==> flow/design.v <==
module dp_times_v2 (core_clk, RSTN, clk_en, dataa_i, datab_i, clear_i, res_o, vld_o);
  parameter integer XLEN = 6;
  input core_clk;
  input RSTN;
  input clk_en;
  input [XLEN-1:0] dataa_i;
  input [XLEN-1:0] datab_i;
  input clear_i;
  output [2*XLEN-1:0] res_o;
  output vld_o;
  localparam LOGN = $clog2(XLEN + 1);
  reg [XLEN-1:0] mcand;
  always @(posedge core_clk or negedge RSTN) begin
    if (~RSTN) begin
      mcand <= 0;
    end else if (clk_en) begin
      mcand <= clear_i ? dataa_i : mcand;
    end
  end
  reg [LOGN-1:0] steps;
  always @(posedge core_clk or negedge RSTN) begin
    if (~RSTN) begin
      steps <= 0;
    end else if (clk_en) begin
      steps <= clear_i ? XLEN : (steps != 0) ? steps - 1'b1 : steps;
    end
  end
  reg [2*XLEN-1:0] state;
  wire [XLEN:0] nxt;
  assign nxt = state[2*XLEN-1:XLEN] + (state[0] ? mcand : {XLEN{1'b0}});
  always @(posedge core_clk or negedge RSTN) begin
    if (~RSTN) begin
      state <= 0;
    end else if (clk_en) begin
      state <= clear_i ? {{XLEN{1'b0}}, datab_i} : (steps != 0) ? {nxt, state[XLEN-1:1]} : state;
    end
  end
  assign res_o = state;
  assign vld_o = (steps == 0);
endmodule
* Step by step through the tools: dp_times_v2
What the tools print for dp_times_v2, step after step.
Line numbers count from 1 in the design file above.
Not given: --
- Design top :: dp_times_v2
- Clock :: core_clk
- Standard-cell library :: sky130hd
- Corner :: tt_025C_1v80

* Word level
Counts by Yosys on the flattened word-level netlist (proc, flatten, opt, wreduce; memories kept). Register bits leave out memories and registers merged into their read ports (data or address). Print and check cells are left out. Cells with the same type and inputs are merged into one.
- Output and inout bits :: 13
- Bits in registers :: 21
- Word-level cells :: 15
- Reduce/logical cells :: 5
- Mux-type cells :: 5
- Add/subtract/negate cells :: 2
** Operators with widths (number)
- 12-bit two-way mux :: 2
- 6-bit by 6-bit adder with 7-bit output :: 1
- 6-bit two-way mux :: 1
- 3-bit two-way mux :: 2
- 2-bit AND reduction :: 2
- 3-bit by 1-bit subtractor with 3-bit output (second input constant) :: 1
- 3-bit zero test :: 1
- 3-bit nonzero test :: 1
- 2-bit nonzero test :: 1

* Depth
Yosys ltp: most cells in a row. Word level: on the elaborated netlist, between registers, memories and ports. Mapped: between sequential cells and ports; inverters and the memories' decode and read muxes count.
- Depth after elaboration :: 4
- ABC_AREA :: 0
- Mapped depth :: 8

* Mapped cells and area
Yosys stat after the flow's synthesis: flattened, memories mapped to cells. It holds for the ABC_AREA given above (unset counts as 0); a run with the other value may have another netlist.
** Cells by type (number)
- sky130_fd_sc_hd__dfrtp_1 :: 21
- sky130_fd_sc_hd__ha_1 :: 8
- sky130_fd_sc_hd__mux2_2 :: 6
- sky130_fd_sc_hd__nand2_1 :: 18
- sky130_fd_sc_hd__mux2i_1 :: 6
- sky130_fd_sc_hd__o21ai_0 :: 10
- sky130_fd_sc_hd__and2_1 :: 5
- sky130_fd_sc_hd__xnor2_1 :: 3
- sky130_fd_sc_hd__o31ai_2 :: 2
- sky130_fd_sc_hd__inv_1 :: 6
- sky130_fd_sc_hd__nor2_1 :: 6
- sky130_fd_sc_hd__fa_1 :: 1
- sky130_fd_sc_hd__nand3b_4 :: 1
- sky130_fd_sc_hd__a211oi_1 :: 2
- sky130_fd_sc_hd__buf_2 :: 3
- sky130_fd_sc_hd__o21ai_1 :: 3
- sky130_fd_sc_hd__nand2b_4 :: 1
- sky130_fd_sc_hd__a21oi_1 :: 2
Not listed: further types 7, cells in them 7.
- Sequential area :: 525.5 µm²
- Cell area after synthesis :: 1158.6 µm²
- Buffer cells :: 3
- Flip-flops :: 21
- Mapped cells :: 111

* Path before layout
OpenSTA on the mapped netlist: ideal clock, no wires. The path of least setup slack (recovery checks aside). Input and output delay are each 20% of the period. Register names are those of the netlist, which keeps one name where synthesis merged equal registers.
- Path kind :: flip-flop to flip-flop
- Start point :: reg state[0]
- End point :: reg state[11]
- Period :: 2340 ps
- Delay of the path :: 1869 ps
- Arrival time :: 1774 ps
- Buffers on the path :: 0
- Stages on the path :: 9
- Data required time :: 2245 ps
- Path slack :: 470 ps
- Time at the first pin :: 0 ps
- Synthesis period reached :: 1870 ps
"delay of the path" = arrival - input delay + setup time.
"stages on the path": output pins that drive a net of the path, with the launching flip-flop's if there is one; two outputs of one cell count as two.
"synthesis period reached" = period - worst setup slack (recovery checks aside). The figure is calculated, with input and output delays left at 20% of the set period.
Between the ends stands the longest chain of elaborated cells between them, by number of cells; it is not shown to be the way that was timed. Of several equally long chains one is given.
Each line given opens the expression or statement behind the cell; cells for indexed reads and writes are added by Yosys, which also makes memories of some case tables.
- Path through :: sky130_fd_sc_hd__dfrtp_1 -> sky130_fd_sc_hd__and2_1 -> sky130_fd_sc_hd__ha_1 -> sky130_fd_sc_hd__inv_1 -> sky130_fd_sc_hd__fa_1 -> sky130_fd_sc_hd__nand2b_1 -> sky130_fd_sc_hd__a21oi_1 -> sky130_fd_sc_hd__a211oi_1 -> sky130_fd_sc_hd__o31ai_1
- Cells in the longest elaborated chain :: 4
- Elaborated cells between the ends (all ways) :: 4
- RTL lines with such cells :: 2
- Classes of those cells :: add/sub (1); mux (3)
** RTL lines, path after synthesis
- from (decl) :: line 28 : reg [2*XLEN-1:0] state;
- from (assign) :: line 33 : state <= 0;
- from (assign) :: line 35 : state <= clear_i ? {{XLEN{1'b0}}, datab_i} : (steps != 0) ? {nxt, state[XLEN-1:1]} : state;
- 6-bit two-way mux :: line 30 : assign nxt = state[2*XLEN-1:XLEN] + (state[0] ? mcand : {XLEN{1'b0}});
- 6-bit by 6-bit adder with 7-bit output :: line 30
- 12-bit two-way mux x2 :: line 35
- to (assign) :: line 33
- to (assign) :: line 35
- to (decl) :: line 28

* Path in the finished layout
Path of least setup slack in the final report of run A (OpenROAD, finished layout, wires in). Where an end is a register, its clock arrival counts in the times.
The report prints the path's times to 10 ps; the period is as set.
- Path kind :: flip-flop to output port
- Start point :: reg steps[0]
- End point :: out vld_o
- Time at the first pin :: 300 ps
- Period :: 3240 ps
- Arrival time :: 1700 ps
- Output delay :: 650 ps
- Path slack :: 900 ps
- Data required time :: 2590 ps
- Buffers on the path :: 1
- Stages on the path :: 6
Between the ends stands the longest chain of elaborated cells between them, by number of cells; it is not shown to be the way that was timed. Of several equally long chains one is given.
- Path through :: sky130_fd_sc_hd__dfrtp_1 -> sky130_fd_sc_hd__inv_1 -> sky130_fd_sc_hd__ha_1 -> sky130_fd_sc_hd__nand2b_4 -> sky130_fd_sc_hd__inv_1 -> sky130_fd_sc_hd__clkdlybuf4s50_1
- Cells in the longest elaborated chain :: 1
- Elaborated cells between the ends (all ways) :: 1
- RTL lines with such cells :: 1
- Classes of those cells :: reduce/logical (1)
** RTL lines, path post-layout
- from (decl) :: line 20 : reg [LOGN-1:0] steps;
- from (assign) :: line 23 : steps <= 0;
- from (assign) :: line 25 : steps <= clear_i ? XLEN : (steps != 0) ? steps - 1'b1 : steps;
- 3-bit zero test :: line 39 : assign vld_o = (steps == 0);
- to (decl) :: line 10 : output vld_o;

Add stored flow runs of dp_times_v2

Stored flow runs of dp_times_v2 (3 of them; Yosys, OpenROAD, sky130hd). They differ in their settings and are not a sequence. Constraints: input delay and output delay 20% of the set period each, output load 0.01 pF.
"worst setup path time" = time allowed to the worst setup path (clock period - input delay - output delay, where it has them) - its slack; a late launch clock adds to it, a late capture clock takes from it.
"power": no workload was simulated; the value follows from the tool's default switching activity.
"worst setup path time" is known to 10 ps.

* Run A
** Files
==> flow/run.sh <==
#!/bin/bash
# the make line also repeats the synthesis and layout settings of config.mk as NAME=value (left out here)
make -C /OpenROAD-flow-scripts/flow DESIGN_CONFIG=/design/flow/config.mk WORK_HOME=/design/flow/orfs CLKGATE_MAP_FILE= finish
==> flow/config.mk <==
export PLATFORM = sky130hd
export DESIGN_NAME = dp_times_v2
export DESIGN_NICKNAME = dp_times_v2
export VERILOG_FILES = /design/flow/design.v
export SDC_FILE = /design/flow/constraint.sdc
export NUM_CORES = 4
export LEC_CHECK = 0
export ABC_AREA = 0
export CAP_MARGIN = 20
export CELL_PAD_IN_SITES_GLOBAL_PLACEMENT = 0
export CORE_MARGIN = 3
export CORE_UTILIZATION = 49
export MAX_ROUTING_LAYER = met4
export MIN_ROUTING_LAYER = met2
export PLACE_DENSITY_LB_ADDON = 0.2
export SLEW_MARGIN = 20
export TNS_END_PERCENT = 55
==> flow/constraint.sdc <==
create_clock -name core_clock -period 3.24 [get_ports {core_clk}]
set_input_delay 0.6480 -clock core_clock [delete_from_list [all_inputs] [get_ports {core_clk}]]
set_output_delay 0.6480 -clock core_clock [all_outputs]
set_load 0.01 [all_outputs]
** Results
- Area of the die :: 2983.9 µm²
- Post-layout utilization :: 0.711
- Post-synthesis cell area :: 1158.6 µm²
- Worst setup path time :: 1700 ps
- Critical path kind :: flip-flop to output port
- Summed negative setup slack :: 0 ps
- Power :: 0.0007122 W
- Standard-cell area after layout :: 1495.2 µm²
- Setup slack of the critical path :: 897 ps

* Run B
** Files
==> flow/run.sh <==
#!/bin/bash
# the make line also repeats the synthesis and layout settings of config.mk as NAME=value (left out here)
make -C /OpenROAD-flow-scripts/flow DESIGN_CONFIG=/design/flow/config.mk WORK_HOME=/design/flow/orfs CLKGATE_MAP_FILE= finish
==> flow/config.mk <==
export PLATFORM = sky130hd
export DESIGN_NAME = dp_times_v2
export DESIGN_NICKNAME = dp_times_v2
export VERILOG_FILES = /design/flow/design.v
export SDC_FILE = /design/flow/constraint.sdc
export NUM_CORES = 4
export LEC_CHECK = 0
export CAP_MARGIN = 20
export CORE_MARGIN = 10
export CORE_UTILIZATION = 46
export CTS_CLUSTER_DIAMETER = 215
export MAX_ROUTING_LAYER = met4
export PLACE_DENSITY_LB_ADDON = 0.03
export SLEW_MARGIN = 25
export TNS_END_PERCENT = 60
==> flow/constraint.sdc <==
create_clock -name core_clock -period 1.72 [get_ports {core_clk}]
set_input_delay 0.3440 -clock core_clock [delete_from_list [all_inputs] [get_ports {core_clk}]]
set_output_delay 0.3440 -clock core_clock [all_outputs]
set_load 0.01 [all_outputs]
** Results
- Area of the die :: 4925.9 µm²
- Post-layout utilization :: 0.692
- Post-synthesis cell area :: 1158.6 µm²
- Worst setup path time :: 1760 ps
- Critical path kind :: flip-flop to flip-flop
- Summed negative setup slack :: -40 ps
- Power :: 0.001462 W
- Standard-cell area after layout :: 1684.1 µm²
- Setup slack of the critical path :: -40 ps

* Run C
** Files
==> flow/run.sh <==
#!/bin/bash
# the make line also repeats the synthesis and layout settings of config.mk as NAME=value (left out here)
make -C /OpenROAD-flow-scripts/flow DESIGN_CONFIG=/design/flow/config.mk WORK_HOME=/design/flow/orfs CLKGATE_MAP_FILE= finish
==> flow/config.mk <==
export PLATFORM = sky130hd
export DESIGN_NAME = dp_times_v2
export DESIGN_NICKNAME = dp_times_v2
export VERILOG_FILES = /design/flow/design.v
export SDC_FILE = /design/flow/constraint.sdc
export NUM_CORES = 4
export LEC_CHECK = 0
export CAP_MARGIN = 20
export CORE_MARGIN = 2
export CORE_UTILIZATION = 40
export SLEW_MARGIN = 20
==> flow/constraint.sdc <==
create_clock -name core_clock -period 2.34 [get_ports {core_clk}]
set_input_delay 0.4680 -clock core_clock [delete_from_list [all_inputs] [get_ports {core_clk}]]
set_output_delay 0.4680 -clock core_clock [all_outputs]
set_load 0.01 [all_outputs]
** Results
- Area of the die :: 3343.2 µm²
- Post-layout utilization :: 0.548
- Post-synthesis cell area :: 1158.6 µm²
- Worst setup path time :: 1700 ps
- Critical path kind :: flip-flop to output port
- Summed negative setup slack :: 0 ps
- Power :: 0.0009748 W
- Standard-cell area after layout :: 1511.5 µm²
- Setup slack of the critical path :: 173 ps
